==> flow/design.v <==
module sum_block_n #(
  parameter XLEN = 96
) (
  input logic clk,
  input logic rst_n,
  input logic [XLEN-1:0] rs1,
  input logic [XLEN-1:0] rs2,
  input logic c0,
  output logic [XLEN-1:0] s,
  output logic co
);
  logic [XLEN-1:0] rs1_reg;
  logic [XLEN-1:0] rs2_reg;
  logic c0_reg;
  logic [XLEN-1:0] tmp;
  logic cy;
  always_comb begin
    cy = c0_reg;
    for (int i = 0; i < XLEN; i++) begin
      tmp[i] = rs1_reg[i] ^ rs2_reg[i] ^ cy;
      cy = (rs1_reg[i] & rs2_reg[i]) | (cy & (rs1_reg[i] | rs2_reg[i]));
    end
  end
  assign s = tmp;
  assign co = cy;
  always_ff @(posedge clk) begin
    if (~rst_n) begin
      rs1_reg <= '0;
      rs2_reg <= '0;
      c0_reg <= 1'b0;
    end else begin
      rs1_reg <= rs1;
      rs2_reg <= rs2;
      c0_reg <= c0;
    end
  end
endmodule
* From RTL to reports: sum_block_n
The steps from the RTL of sum_block_n to its reports follow in flow order.
Line numbers count from 1 in the design file above.
Operators: Yosys type, input widths -> output width; for muxes data width and select width s.
Cell names lack the library's common part.
Not given: n/a
- Top module :: sum_block_n
- Clock :: clk
- Cell library :: sky130hd
- Library corner :: tt_025C_1v80

* Word level
Yosys after proc, flatten, opt, wreduce and memory -nomap, before mapping. Enables and synchronous resets that opt folds into registers are not counted as muxes. Memory bits, and registers merged into a memory's read port (data or address), are not among the register bits. Print and check cells are not counted. Equal cells are merged and count once.
- Add/sub/neg operators :: 0
- Multipliers :: 0
- Div/mod/pow operators :: 0
- Magnitude comparators :: 0
- Equality and inequality tests :: 0
- Shift-type cells :: 0
- Muxes and demuxes :: 0
- Bitwise logic cells :: 576
- Reductions and logical operators :: 0
** Operator list (count)
- $and 1x1->1 :: 192
- $or 1x1->1 :: 192
- $xor 1x1->1 :: 192
- Register bits :: 193
- Bits in latches :: 0
- Bits in writable memories :: 0
- Bits in read-only memories :: 0
- Clocked read ports x word width :: 0
- Memories :: 0
- Input port bits :: 195
- Output and inout port bits :: 97
- Elaborated cells :: 579

* Longest topological paths
Depth = most cells in a row (Yosys ltp): at word level without a register or memory, in the mapped netlist without a sequential cell, where the memories' decode and read muxes count.
- Depth in word-level cells :: 193
- ABC_AREA :: 0
- Mapped depth :: 100
- Mapped depth without buffers :: 100

* Synthesis result
Source: synth_stat.txt of the flow (Yosys; design flattened, memories mapped). It holds for the ABC_AREA given above (unset counts as 0); a run with the other value may have another netlist.
Totals and module areas in this step are rounded.
- Mapped cells :: 513
- Synthesis area :: 0.007254 mm²
- Flip-flops :: 193
** Cells by type
- dfxtp_1 :: count 193, area in all 3.86E+03 µm²
- fa_1 :: count 96, area in all 1.92E+03 µm²
- and2_1 :: count 193, area in all 1.21E+03 µm²
- buf_6 :: count 19, area in all 213.955 µm²
- inv_1 :: count 10, area in all 37.536 µm²
- buf_2 :: count 2, area in all 10.01 µm²

* Path before layout
Source: OpenSTA report_checks on the synthesized netlist (no wires, ideal clock, input and output delay 20% of the period each), path of least setup slack; recovery checks are left aside. Register names are those of the netlist, which keeps one name where synthesis merged equal registers.
- Path type :: reg-to-output
- From :: reg rs1_reg[0]
- To :: out s[95]
- Period :: 57500 ps
- External output delay :: 11500 ps
- Time at the first pin :: 0 ps
- Data arrival time :: 36787 ps
- Path slack :: 9213 ps
- Delay of the path :: 36787 ps
- Driving pins on the path :: 101
- Path buffers :: 0
- Period reached after synthesis :: 48287 ps
"delay of the path" is the arrival time less input delay plus setup time.
A path that ends at an output port has no setup time.
"driving pins on the path": output pins that drive a net of the path, with the launching flip-flop's if there is one; two outputs of one cell count as two.
"period reached after synthesis" = period - worst setup slack (recovery checks aside). The figure is calculated, with input and output delays left at 20% of the set period.
The rows between start and end are the longest chain of elaborated cells between them; the timing report does not say that the signal goes this way. Where chains are equally long, one stands for them.
A line is the first line of the expression or statement that the cell stems from. Yosys adds cells for indexed reads and writes and turns some case tables into memories.
- Cells stage by stage :: dfxtp_1 fa_1 fa_1 fa_1 fa_1 fa_1 fa_1 fa_1 fa_1 fa_1 fa_1 fa_1 fa_1 fa_1 fa_1 fa_1 fa_1 fa_1 (+65 left out) fa_1 fa_1 fa_1 fa_1 fa_1 fa_1 fa_1 fa_1 fa_1 fa_1 fa_1 inv_1 fa_1 inv_1 fa_1 inv_1 fa_1 inv_1
- Length of the longest elaborated chain :: 192
- Elaborated cells between the ends (all ways) :: 193
- RTL lines with such cells :: 2
** Ends and longest elaborated chain, post-synthesis
- start, declared :: RTL line 12 : logic [XLEN-1:0] rs1_reg;
- start, assigned :: RTL line 28 : rs1_reg <= '0;
- start, assigned :: RTL line 32 : rs1_reg <= rs1;
- $or 1x1->1 :: RTL line 21 : cy = (rs1_reg[i] & rs2_reg[i]) | (cy & (rs1_reg[i] | rs2_reg[i]));
- $and 1x1->1 :: RTL line 21
- $or 1x1->1 :: RTL line 21
- $and 1x1->1 :: RTL line 21
- $or 1x1->1 :: RTL line 21
- $and 1x1->1 :: RTL line 21
- $or 1x1->1 :: RTL line 21
- (+178 left out)
- $and 1x1->1 :: RTL line 21
- $or 1x1->1 :: RTL line 21
- $and 1x1->1 :: RTL line 21
- $or 1x1->1 :: RTL line 21
- $and 1x1->1 :: RTL line 21
- $or 1x1->1 :: RTL line 21
- $xor 1x1->1 :: RTL line 20 : tmp[i] = rs1_reg[i] ^ rs2_reg[i] ^ cy;
- end, declared :: RTL line 9 : output logic [XLEN-1:0] s,

* Worst path after layout
Path of least setup slack in the final report of run 1 (OpenROAD, finished layout, wires in). Where an end is a register, its clock arrival counts in the times.
The path's times are printed in steps of 10 ps; the period is the one set.
- Path type :: reg-to-output
- From :: reg rs1_reg[0]
- To :: out s[95]
- Period :: 62900 ps
- External output delay :: 12580 ps
- Time at the first pin :: 420 ps
- Data arrival time :: 39550 ps
- Path slack :: 10770 ps
- Driving pins on the path :: 102
- Path buffers :: 1
The rows between start and end are the longest chain of elaborated cells between them; the timing report does not say that the signal goes this way. Where chains are equally long, one stands for them.
- Cells stage by stage :: dfxtp_1 fa_1 fa_1 fa_1 fa_1 fa_1 fa_1 fa_1 fa_1 fa_1 fa_1 fa_1 fa_1 fa_1 fa_1 fa_1 fa_1 fa_1 (+66 left out) fa_1 fa_1 fa_1 fa_1 fa_1 fa_1 fa_1 fa_1 fa_1 fa_1 inv_1 fa_1 inv_1 fa_1 inv_1 fa_1 inv_1 clkdlybuf4s50_1
- Length of the longest elaborated chain :: 192
- Elaborated cells between the ends (all ways) :: 193
- RTL lines with such cells :: 2
** Ends and longest elaborated chain, after layout
- start, declared :: RTL line 12 : logic [XLEN-1:0] rs1_reg;
- start, assigned :: RTL line 28 : rs1_reg <= '0;
- start, assigned :: RTL line 32 : rs1_reg <= rs1;
- $or 1x1->1 :: RTL line 21 : cy = (rs1_reg[i] & rs2_reg[i]) | (cy & (rs1_reg[i] | rs2_reg[i]));
- $and 1x1->1 :: RTL line 21
- $or 1x1->1 :: RTL line 21
- $and 1x1->1 :: RTL line 21
- $or 1x1->1 :: RTL line 21
- $and 1x1->1 :: RTL line 21
- $or 1x1->1 :: RTL line 21
- (+178 left out)
- $and 1x1->1 :: RTL line 21
- $or 1x1->1 :: RTL line 21
- $and 1x1->1 :: RTL line 21
- $or 1x1->1 :: RTL line 21
- $and 1x1->1 :: RTL line 21
- $or 1x1->1 :: RTL line 21
- $xor 1x1->1 :: RTL line 20 : tmp[i] = rs1_reg[i] ^ rs2_reg[i] ^ cy;
- end, declared :: RTL line 9 : output logic [XLEN-1:0] s,

# Flow runs of sum_block_n

Below are 3 stored runs of the flow (Yosys, OpenROAD; platform sky130hd) on sum_block_n, each with its settings and what was measured, unordered. Constraints: input delay and output delay 20% of the set period each, output load 0.01 pF.
"achieved clock period": clock period set for the run, less the worst setup slack. It is reckoned from that one timing run; input and output delays stay at 20% of the period that was set.
"time of the worst setup path": the worst setup path's part of the clock period (all of it between registers, 20% less for each end at a port) less its slack. A launch clock that arrives late makes it longer, a capture clock that arrives late makes it shorter.
"total power after layout": no workload was simulated; the value follows from the tool's default switching activity.
"time of the worst setup path" is known to 10 ps.
The measured numbers are rounded.

* Run 1
** Files
==> flow/run.sh <==
#!/bin/bash
# the make line also repeats the synthesis and layout settings of config.mk as NAME=value (left out here)
make -C /OpenROAD-flow-scripts/flow DESIGN_CONFIG=/design/flow/config.mk WORK_HOME=/design/flow/orfs CLKGATE_MAP_FILE= finish
==> flow/config.mk <==
export PLATFORM = sky130hd
export DESIGN_NAME = sum_block_n
export DESIGN_NICKNAME = sum_block_n
export VERILOG_FILES = /design/flow/design.v
export SDC_FILE = /design/flow/constraint.sdc
export NUM_CORES = 4
export LEC_CHECK = 0
export ABC_AREA = 0
export CAP_MARGIN = 20
export CELL_PAD_IN_SITES_DETAIL_PLACEMENT = 1
export CELL_PAD_IN_SITES_GLOBAL_PLACEMENT = 1
export CORE_MARGIN = 3
export CORE_UTILIZATION = 33
export MIN_ROUTING_LAYER = met2
export PLACE_DENSITY_LB_ADDON = 0.18
export SETUP_SLACK_MARGIN = -0.19
export SLEW_MARGIN = 40
==> flow/constraint.sdc <==
create_clock -name core_clock -period 62.9 [get_ports {clk}]
set_input_delay 12.5800 -clock core_clock [delete_from_list [all_inputs] [get_ports {clk}]]
set_output_delay 12.5800 -clock core_clock [all_outputs]
set_load 0.01 [all_outputs]
** Results
- Lowest hold slack :: 12680 ps
- Worst setup slack after layout :: 10770 ps
- Final design utilization :: 51.2 %
- Total power after layout :: 0.2940 mW
- Time of the worst setup path :: 39550 ps
- Critical path type :: reg-to-output
- Achieved clock period :: 52130 ps
- Standard-cell area after routing :: 0.0109 mm²
- Chip area after synthesis (Yosys) :: 0.007254 mm²
- Area inside the die boundary :: 0.0238 mm²
- Post-route setup TNS :: 0 ps

* Run 2
** Files
==> flow/run.sh <==
#!/bin/bash
# the make line also repeats the synthesis and layout settings of config.mk as NAME=value (left out here)
make -C /OpenROAD-flow-scripts/flow DESIGN_CONFIG=/design/flow/config.mk WORK_HOME=/design/flow/orfs CLKGATE_MAP_FILE= finish
==> flow/config.mk <==
export PLATFORM = sky130hd
export DESIGN_NAME = sum_block_n
export DESIGN_NICKNAME = sum_block_n
export VERILOG_FILES = /design/flow/design.v
export SDC_FILE = /design/flow/constraint.sdc
export NUM_CORES = 4
export LEC_CHECK = 0
export CAP_MARGIN = 20
export CORE_MARGIN = 2
export CORE_UTILIZATION = 40
export SLEW_MARGIN = 20
==> flow/constraint.sdc <==
create_clock -name core_clock -period 57.5 [get_ports {clk}]
set_input_delay 11.5000 -clock core_clock [delete_from_list [all_inputs] [get_ports {clk}]]
set_output_delay 11.5000 -clock core_clock [all_outputs]
set_load 0.01 [all_outputs]
** Results
- Standard-cell area after routing :: 0.01081 mm²
- Lowest hold slack :: 11600 ps
- Chip area after synthesis (Yosys) :: 0.007254 mm²
- Achieved clock period :: 50911 ps
- Area inside the die boundary :: 0.01923 mm²
- Total power after layout :: 0.3155 mW
- Time of the worst setup path :: 39410 ps
- Critical path type :: reg-to-output
- Post-route setup TNS :: 0 ps
- Worst setup slack after layout :: 6589 ps
- Final design utilization :: 60.4 %

* Run 3
** Files
==> flow/run.sh <==
#!/bin/bash
# the make line also repeats the synthesis and layout settings of config.mk as NAME=value (left out here)
make -C /OpenROAD-flow-scripts/flow DESIGN_CONFIG=/design/flow/config.mk WORK_HOME=/design/flow/orfs CLKGATE_MAP_FILE= finish
==> flow/config.mk <==
export PLATFORM = sky130hd
export DESIGN_NAME = sum_block_n
export DESIGN_NICKNAME = sum_block_n
export VERILOG_FILES = /design/flow/design.v
export SDC_FILE = /design/flow/constraint.sdc
export NUM_CORES = 4
export LEC_CHECK = 0
export CAP_MARGIN = 20
export CELL_PAD_IN_SITES_DETAIL_PLACEMENT = 2
export CELL_PAD_IN_SITES_GLOBAL_PLACEMENT = 0
export CORE_MARGIN = 2
export CORE_UTILIZATION = 32
export CTS_CLUSTER_DIAMETER = 309
export CTS_CLUSTER_SIZE = 76
export PLACE_DENSITY_LB_ADDON = 0.23
export SETUP_SLACK_MARGIN = -2.0
export SLEW_MARGIN = 20
export TNS_END_PERCENT = 40
==> flow/constraint.sdc <==
create_clock -name core_clock -period 42.4 [get_ports {clk}]
set_input_delay 8.4800 -clock core_clock [delete_from_list [all_inputs] [get_ports {clk}]]
set_output_delay 8.4800 -clock core_clock [all_outputs]
set_load 0.01 [all_outputs]
** Results
- Standard-cell area after routing :: 0.01114 mm²
- Achieved clock period :: 43709 ps
- Post-route setup TNS :: -5921 ps
- Total power after layout :: 0.4446 mW
- Final design utilization :: 49.6 %
- Area inside the die boundary :: 0.02389 mm²
- Chip area after synthesis (Yosys) :: 0.007254 mm²
- Lowest hold slack :: 8542 ps
- Worst setup slack after layout :: -1309 ps
- Time of the worst setup path :: 35230 ps
- Critical path type :: reg-to-output
